==> flow/design.v <==
module ex_diff_unit_rtl (CLK, aresetn, in0, in1, dir, d, co);
   parameter W = 72;
   input CLK;
   input aresetn;
   input signed [W-1:0] in0;
   input signed [W-1:0] in1;
   input dir;
   output [W-1:0] d;
   output co;
   wire [W-1:0] t2;
   assign t2 = in1 ^ {W{dir}};
   wire [W-1:0] t;
   assign t = $unsigned(in0) + t2 + dir;
   reg [W-1:0] r_d;
   always @(posedge CLK or negedge aresetn) begin
      if (~aresetn) begin
         r_d <= 0;
      end else begin
         r_d <= t[W-1:0];
      end
   end
   assign d = r_d;
   reg r_co;
   always @(posedge CLK or negedge aresetn) begin
      if (~aresetn) begin
         r_co <= 1'b0;
      end else begin
         r_co <= (in0[W-1] == t2[W-1]) && (t[W-1] != in0[W-1]);
      end
   end
   assign co = r_co;
endmodule
==> Reports on ex_diff_unit_rtl <==
What the tools print for ex_diff_unit_rtl, step after step.
Lines are those of the file above, counted from 1.
Library cell names are shortened.
{ "setup": {"top_module": "ex_diff_unit_rtl", "clock": "CLK", "library": "sky130hd", "pvt_corner": "tt_025C_1v80"} }

==> After elaboration <==
Yosys after proc, flatten, opt, wreduce and memory -nomap, before mapping. Enables and synchronous resets that opt folds into registers are not counted as muxes. Memory bits, and registers merged into a memory's read port (data or address), are not among the register bits. Print and check cells are not counted. Equal cells are merged and count once.
{ "word_totals": {"regBits": 73, "output_inout_bits": 73, "word_cells": 8} }
{ "op_classes": {"logic": 1, "n_addsub": 2, "equal": 2, "reduce_and_logical": 1} }
{ "op_table": {"columns": ["op", "n"], "rows": [
  ["72-bit by 1-bit adder with 72-bit output", 1],
  ["72-bit adder", 1],
  ["72-bit bitwise XOR", 1],
  ["1-bit == test", 1],
  ["1-bit inequality test", 1],
  ["1-bit logical AND", 1]
]} }

==> Depth <==
Depth = most cells in a row (Yosys ltp): at word level without a register or memory, in the mapped netlist without a sequential cell, where the memories' decode and read muxes count.
{ "logic_depth": {"depth_word": 5, "ABC_AREA": 0, "depth_mapped": 14, "depth_no_buf": 12} }

==> Netlist <==
The flow's flattened synthesis, as Yosys stat reports it; memories are mapped. The netlist is that of the ABC_AREA named above (0 if unset); the other value can give another one.
{ "synth_totals": {"buffers": 44, "yosys_area_um2": 7066.8, "stdcells": 842, "ff_cells": 73} }
{ "by_type": {"columns": ["type", "n", "area_total_um2"], "rows": [
  ["dfrtp_1", 73, 1.83E+03],
  ["ha_1", 70, 875.84],
  ["xor2_1", 99, 867.082],
  ["a21oi_1", 93, 465.446],
  ["xnor2_1", 39, 341.578],
  ["o21ai_0", 57, 285.274],
  ["nand2_1", 67, 251.491],
  ["a21o_1", 29, 217.709],
  ["nand4_1", 30, 187.68],
  ["nor2_1", 48, 180.173],
  ["buf_6", 11, 123.869],
  ["inv_1", 27, 101.347],
  ["o21bai_1", 13, 97.594],
  ["nand3_1", 17, 85.082],
  ["o21a_1", 10, 75.072],
  ["clkbuf_1", 15, 56.304],
  ["nor3_1", 11, 55.053],
  ["nand2b_1", 8, 50.048]
]} }
Not listed: further types 48, cells in them 125.

==> Worst setup path after synthesis <==
Path of least setup slack by OpenSTA after synthesis, without wires, with an ideal clock, recovery checks aside; 20% of the period is set as input and as output delay. Where synthesis merged equal registers, the netlist keeps one of their names.
{ "synth_timing": {"path_kind": "in2reg", "from": "input port dir", "to": "register r_d[71]", "driving_pins": 13, "t_first_pin_ns": 0.972, "n_path_buf": 3, "clock_period_ns": 4.86, "t_arrival_ns": 3.960, "setup_slack_ns": 0.777, "setup_ns": 0.123, "delay_ns": 3.111, "synth_period_reached_ns": 4.083} }
"delay_ns" = arrival - input delay + setup time.
"driving_pins" counts driving pins, that of a launching flip-flop among them; a cell with two outputs on the path counts twice.
"synth_period_reached_ns" = period - worst setup slack (recovery checks aside). The figure is calculated, with input and output delays left at 20% of the set period.
The rows between start and end are the longest chain of elaborated cells between them; the timing report does not say that the signal goes this way. Where chains are equally long, one stands for them.
A line is the first line of the expression or statement that the cell stems from. Yosys adds cells for indexed reads and writes and turns some case tables into memories.
{ "synth_via": {"path_cell_list": "buf_2 -> buf_1 -> xor2_1 -> ha_1 -> buf_6 -> nand4_1 -> or4_1 -> a31o_1 -> nand4_2 -> nand2_2 -> or4_4 -> a41o_1 -> xnor2_1", "elab_chain_len": 3, "cells_between": 3, "classes_between": "2 x add/sub; 1 x logic"} }
{ "synth_rtl": {"columns": ["item", "line_no", "source"], "rows": [
  ["start, declared", 7, "input dir;"],
  ["72-bit bitwise XOR", 11, "assign t2 = in1 ^ {W{dir}};"],
  ["72-bit adder", 13, "assign t = $unsigned(in0) + t2 + dir;"],
  ["72-bit by 1-bit adder with 72-bit output", 13, null],
  ["end, assigned", 17, "r_d <= 0;"],
  ["end, assigned", 19, "r_d <= t[W-1:0];"],
  ["end, declared", 14, "reg [W-1:0] r_d;"]
]} }

==> Worst path after layout <==
Path of least setup slack in the final report of run 1 (OpenROAD, finished layout, wires in). Where an end is a register, its clock arrival counts in the times.
{ "layout_timing": {"path_kind": "in2reg", "from": "input port in1[0]", "to": "register r_d[64]", "setup_slack_ns": 0.58, "n_path_buf": 1, "setup_ns": 0.09, "clock_period_ns": 4.86, "t_first_pin_ns": 0.97, "t_arrival_ns": 4.53, "driving_pins": 12} }
The rows between start and end are the longest chain of elaborated cells between them; the timing report does not say that the signal goes this way. Where chains are equally long, one stands for them.
{ "layout_via": {"path_cell_list": "clkdlybuf4s50_1 -> mux2i_1 -> fa_1 -> nor2b_1 -> o2111a_1 -> o311ai_1 -> a21oi_1 -> o22ai_1 -> o21bai_1 -> a21oi_1 -> o21ai_1 -> a211oi_1", "elab_chain_len": 3, "cells_between": 3, "classes_between": "2 x add/sub; 1 x logic"} }
{ "layout_rtl": {"columns": ["item", "line_no", "source"], "rows": [
  ["start, declared", 6, "input signed [W-1:0] in1;"],
  ["72-bit bitwise XOR", 11, "assign t2 = in1 ^ {W{dir}};"],
  ["72-bit adder", 13, "assign t = $unsigned(in0) + t2 + dir;"],
  ["72-bit by 1-bit adder with 72-bit output", 13, null],
  ["end, assigned", 17, "r_d <= 0;"],
  ["end, assigned", 19, "r_d <= t[W-1:0];"],
  ["end, declared", 14, "reg [W-1:0] r_d;"]
]} }

Add stored flow runs of ex_diff_unit_rtl

ex_diff_unit_rtl through Yosys and OpenROAD on sky130hd: 3 stored runs, unordered, with their settings and measured results. The constraints put input and output delay at 20% of the set period each and load the outputs with 0.01 pF.
By "achieved clock period (ns)" is meant the clock period of the run minus its worst setup slack. This is arithmetic on one report: input and output delays are still those of the set period (20% each).
"worst setup path time (ns)" means the part of the period allowed to the worst setup path (the constraints hold back 20% at inputs and 20% at outputs) less its slack; where the path has registers, the arrival times of their clocks count too.
"finish__power__total": no workload was simulated; the value follows from the tool's default switching activity.

settings of run 1
{
  "period_ns": 4.86,
  "CAP_MARGIN": 20,
  "CORE_MARGIN": 2,
  "CORE_UTILIZATION": 40,
  "SLEW_MARGIN": 20
}
report of run 1
yosys chip area after synthesis (um^2): 7066.8
finish__design__die__area: 18745.7
finish__design__instance__area__stdcell: 9696.8
finish__design__instance__utilization: 0.5606
finish__timing__setup__ws: 0.577
finish__timing__setup__tns: 0.000
finish__timing__hold__ws: 0.627
finish__power__total: 3.410e-03
achieved clock period (ns): 4.283
worst setup path time (ns): 3.31
worst setup path kind: in2reg

settings of run 2
{
  "period_ns": 5.19,
  "CORE_UTILIZATION": 61,
  "PLACE_DENSITY_LB_ADDON": 0.16,
  "CELL_PAD_IN_SITES_DETAIL_PLACEMENT": 0,
  "TNS_END_PERCENT": 35,
  "CAP_MARGIN": 20,
  "CORE_MARGIN": 2,
  "SLEW_MARGIN": 20
}
report of run 2
yosys chip area after synthesis (um^2): 7066.8
finish__design__die__area: 12462.4
finish__design__instance__area__stdcell: 9536.6
finish__design__instance__utilization: 0.8388
finish__timing__setup__ws: 0.809
finish__timing__setup__tns: 0.000
finish__timing__hold__ws: 0.852
finish__power__total: 3.129e-03
achieved clock period (ns): 4.381
worst setup path time (ns): 3.34
worst setup path kind: in2reg

settings of run 3
{
  "period_ns": 5.77,
  "CORE_UTILIZATION": 41,
  "SETUP_SLACK_MARGIN": 1.25,
  "PLACE_DENSITY_LB_ADDON": 0.12,
  "CORE_ASPECT_RATIO": 1.94,
  "CORE_MARGIN": 7,
  "CELL_PAD_IN_SITES_GLOBAL_PLACEMENT": 3,
  "GPL_TIMING_DRIVEN": 0,
  "SLEW_MARGIN": 30,
  "CAP_MARGIN": 20
}
report of run 3: did not finish, place, FLW-0024
